==> flow/design.v <==
module full_adder (
    input wire a,
    input wire b,
    input wire ci,
    output wire s,
    output wire co
);
    assign {co, s} = a + b + ci;
endmodule
module sync_add_core_rtl #(
    parameter DW = 112
) (
    input  ck,
    input  [DW-1:0] u,
    input  [DW-1:0] v,
    input  cy_in,
    output reg [DW-1:0] result,
    output reg ovf
);
    wire [DW-1:0] val;
    wire [DW:0] cy;
    assign cy[0] = cy_in;
    genvar i;
    generate
        for (i = 0; i < DW; i = i + 1) begin : stage
            full_adder u0 (.a(u[i]), .b(v[i]), .ci(cy[i]), .s(val[i]), .co(cy[i+1]));
        end
    endgenerate
    always @(posedge ck) begin
        result <= val;
        ovf <= cy[DW];
    end
endmodule
# == Tool chain data of sync_add_core_rtl ==
# What the tools print for sync_add_core_rtl, step after step.
# Line numbers count from 1 in the design file above.
# A cell with - has no value.
# inputs
top_module,sync_add_core_rtl
clock,ck
lib,sky130hd
lib_corner,tt_025C_1v80

# == Word-level counts ==
# Source: Yosys, flattened and elaborated, memories not mapped. Widths are those after wreduce; folded enables and synchronous resets count as part of the registers. Registers that Yosys merges into a memory's read port (data or address) are not register bits. Print and check cells do not count. Equal cells are merged and count once.
# classes
addsub,224
# ops
cell,count
1-bit by 1-bit adder with 2-bit output,112
2-bit by 1-bit adder with 2-bit output,112
# bits
register_bits,113
out_inout_bits,113
word_cells,226

# == Longest topological paths ==
# Yosys ltp: most cells in a row. Word level: on the elaborated netlist, between registers, memories and ports. Mapped: between sequential cells and ports; inverters and the memories' decode and read muxes count.
# logic_depth
ltp_word,113
abc_area,0
mapped_depth,116
depth_no_buf,116

# == Mapped cells and area ==
# Yosys stat after the flow's synthesis: flattened, memories mapped to cells. It holds for the ABC_AREA given above (unset counts as 0); a run with the other value may have another netlist.
# Totals and module areas in this step are rounded.
# types
type,count,type_area_um2
sky130_fd_sc_hd__dfxtp_1,113,2262.17
sky130_fd_sc_hd__fa_1,112,2242.15
sky130_fd_sc_hd__inv_1,10,37.536
# synth_totals
stdcells,235
mapped_area_um2,4542
sequential_area_um2,2262
ff_cells,113
buffers,0
# The figures by module come from a second, unflattened synthesis with its own total; it is not the netlist above.
# unflattened
hier_cells,225
area_unflattened_um2,4504
# Rows give one instance, submodules left out.
# by_module
mod,n_inst,n_cells,mod_area_um2,mod_seq_area_um2
sync_add_core_rtl,1,113,2262,2262
full_adder,112,1,20.0,0.0

# == Timing after synthesis ==
# OpenSTA on the mapped netlist: ideal clock, no wires. The path of least setup slack (recovery checks aside). Input and output delay are each 20% of the period. Register names are those of the netlist, which keeps one name where synthesis merged equal registers.
# synth_timing
kind,input port to flip-flop
startpoint,input u[0]
endpoint,register result[111]
clock_period_ps,66500
in_delay_ps,13300
t_first_pin_ps,13300
arrival_ps,55803
t_required_ps,66443
slack_ps,10640
path_delay_ps,42560
driving_pins,116
n_path_buf,0
period_less_setup_slack_ps,55860
# "path_delay_ps" = arrival - input delay + setup time.
# "driving_pins": output pins that drive a net of the path, with the launching flip-flop's if there is one; two outputs of one cell count as two.
# "period_less_setup_slack_ps" = period - worst setup slack (recovery checks aside). The figure is calculated, with input and output delays left at 20% of the set period.
# Between the ends stands the longest chain of elaborated cells between them, by number of cells; it is not shown to be the way that was timed. Of several equally long chains one is given.
# Each line given opens the expression or statement behind the cell; cells for indexed reads and writes are added by Yosys, which also makes memories of some case tables.
# synth_between
path_cell_list,sky130_fd_sc_hd__inv_1 -> sky130_fd_sc_hd__fa_1 -> sky130_fd_sc_hd__inv_1 -> sky130_fd_sc_hd__fa_1 -> sky130_fd_sc_hd__fa_1 -> sky130_fd_sc_hd__fa_1 -> sky130_fd_sc_hd__fa_1 -> sky130_fd_sc_hd__fa_1 -> sky130_fd_sc_hd__fa_1 -> sky130_fd_sc_hd__fa_1 -> sky130_fd_sc_hd__fa_1 -> sky130_fd_sc_hd__fa_1 -> sky130_fd_sc_hd__fa_1 -> sky130_fd_sc_hd__fa_1 -> sky130_fd_sc_hd__fa_1 -> sky130_fd_sc_hd__fa_1 -> sky130_fd_sc_hd__fa_1 -> sky130_fd_sc_hd__fa_1 -> [80 not listed] -> sky130_fd_sc_hd__fa_1 -> sky130_fd_sc_hd__fa_1 -> sky130_fd_sc_hd__fa_1 -> sky130_fd_sc_hd__fa_1 -> sky130_fd_sc_hd__fa_1 -> sky130_fd_sc_hd__fa_1 -> sky130_fd_sc_hd__fa_1 -> sky130_fd_sc_hd__fa_1 -> sky130_fd_sc_hd__fa_1 -> sky130_fd_sc_hd__fa_1 -> sky130_fd_sc_hd__fa_1 -> sky130_fd_sc_hd__fa_1 -> sky130_fd_sc_hd__fa_1 -> sky130_fd_sc_hd__fa_1 -> sky130_fd_sc_hd__fa_1 -> sky130_fd_sc_hd__inv_1 -> sky130_fd_sc_hd__fa_1 -> sky130_fd_sc_hd__inv_1
elab_chain_cells,113
cells_between,113
# synth_lines
item,line_no,source
start: declaration,14,"input  [DW-1:0] u,"
1-bit by 1-bit adder with 2-bit output,8,"assign {co, s} = a + b + ci;"
2-bit by 1-bit adder with 2-bit output x112,8,
end: assignment,30,result <= val;
end: declaration,17,"output reg [DW-1:0] result,"

# == Timing after layout ==
# From the final timing report of run 1: the path of least setup slack in the routed layout; clock arrival at registers is part of the times.
# The path's times are printed in steps of 10 ps; the period is the one set.
# layout_timing
kind,input port to flip-flop
startpoint,input cy_in
endpoint,register result[111]
clock_period_ps,66500
in_delay_ps,13300
t_first_pin_ps,13300
arrival_ps,58080
t_required_ps,66860
slack_ps,8780
driving_pins,117
n_path_buf,1
# Between the ends stands the longest chain of elaborated cells between them, by number of cells; it is not shown to be the way that was timed. Of several equally long chains one is given.
# layout_between
path_cell_list,sky130_fd_sc_hd__clkdlybuf4s50_1 -> sky130_fd_sc_hd__inv_1 -> sky130_fd_sc_hd__fa_1 -> sky130_fd_sc_hd__inv_1 -> sky130_fd_sc_hd__fa_1 -> sky130_fd_sc_hd__fa_1 -> sky130_fd_sc_hd__fa_1 -> sky130_fd_sc_hd__fa_1 -> sky130_fd_sc_hd__fa_1 -> sky130_fd_sc_hd__fa_1 -> sky130_fd_sc_hd__fa_1 -> sky130_fd_sc_hd__fa_1 -> sky130_fd_sc_hd__fa_1 -> sky130_fd_sc_hd__fa_1 -> sky130_fd_sc_hd__fa_1 -> sky130_fd_sc_hd__fa_1 -> sky130_fd_sc_hd__fa_1 -> sky130_fd_sc_hd__fa_1 -> [81 not listed] -> sky130_fd_sc_hd__fa_1 -> sky130_fd_sc_hd__fa_1 -> sky130_fd_sc_hd__fa_1 -> sky130_fd_sc_hd__fa_1 -> sky130_fd_sc_hd__fa_1 -> sky130_fd_sc_hd__fa_1 -> sky130_fd_sc_hd__fa_1 -> sky130_fd_sc_hd__fa_1 -> sky130_fd_sc_hd__fa_1 -> sky130_fd_sc_hd__fa_1 -> sky130_fd_sc_hd__fa_1 -> sky130_fd_sc_hd__fa_1 -> sky130_fd_sc_hd__fa_1 -> sky130_fd_sc_hd__fa_1 -> sky130_fd_sc_hd__fa_1 -> sky130_fd_sc_hd__inv_1 -> sky130_fd_sc_hd__fa_1 -> sky130_fd_sc_hd__inv_1
elab_chain_cells,112
cells_between,112
# layout_lines
item,line_no,source
start: declaration,16,"input  cy_in,"
2-bit by 1-bit adder with 2-bit output x112,8,"assign {co, s} = a + b + ci;"
end: assignment,30,result <= val;
end: declaration,17,"output reg [DW-1:0] result,"

# Module sync_add_core_rtl, platform sky130hd: 3 stored runs of the flow (Yosys, OpenROAD) with differing settings, in no particular order. Input and output delays are each 20% of the period that was set; the output load is 0.01 pF.
# "period_less_ws_ps" = clock period - worst setup slack. The figure is calculated, with input and output delays left at 20% of the set period.
# "timing.worst_path_ps": the worst setup path's part of the clock period (all of it between registers, 20% less for each end at a port) less its slack. A launch clock that arrives late makes it longer, a capture clock that arrives late makes it shorter.
# "power_uw" rests on the timing tool's default activity at the inputs, not on a simulated workload.
# "timing.worst_path_ps" is given in steps of 10 ps.
# Results are given in rounded form.
# A setting shown as n/a is not set for that run.
# Among the results, n/a means that no value is shown for the run.
stored run,period_ns,CAP_MARGIN,CORE_MARGIN,CORE_UTILIZATION,SLEW_MARGIN,PLACE_DENSITY_LB_ADDON,HOLD_SLACK_MARGIN,CORE_ASPECT_RATIO,TNS_END_PERCENT,ABC_AREA,CELL_PAD_IN_SITES_DETAIL_PLACEMENT,GPL_TIMING_DRIVEN,GPL_ROUTABILITY_DRIVEN,layout_utilization_frac,timing.worst_path_ps,path_kind,worst_setup_slack_ps,finish.stdcell_area_um2,setup_tns_ps,period_less_ws_ps,final_hold_ws_ps,synthArea_um2,power_uw,die_um2
run 1,66.5,20,2,40,20,n/a,n/a,n/a,n/a,n/a,n/a,n/a,n/a,0.787,44420,input port to flip-flop,8777,8648,0,57723,13550,4542,235.9,12220
run 2,34.8,40,2,43,5,0.03,0.08,0.95,50,1,n/a,n/a,n/a,0.866,39350,input port to flip-flop,-11510,8899,-204900,46313,6857,4542,452.3,11400
run 3,73.7,30,2,72,15,0.12,n/a,n/a,20,1,1,1,0,n/a,n/a,n/a,n/a,n/a,n/a,n/a,n/a,n/a,n/a,n/a
# Run 3: not finished: placement ended with error PPL-0024
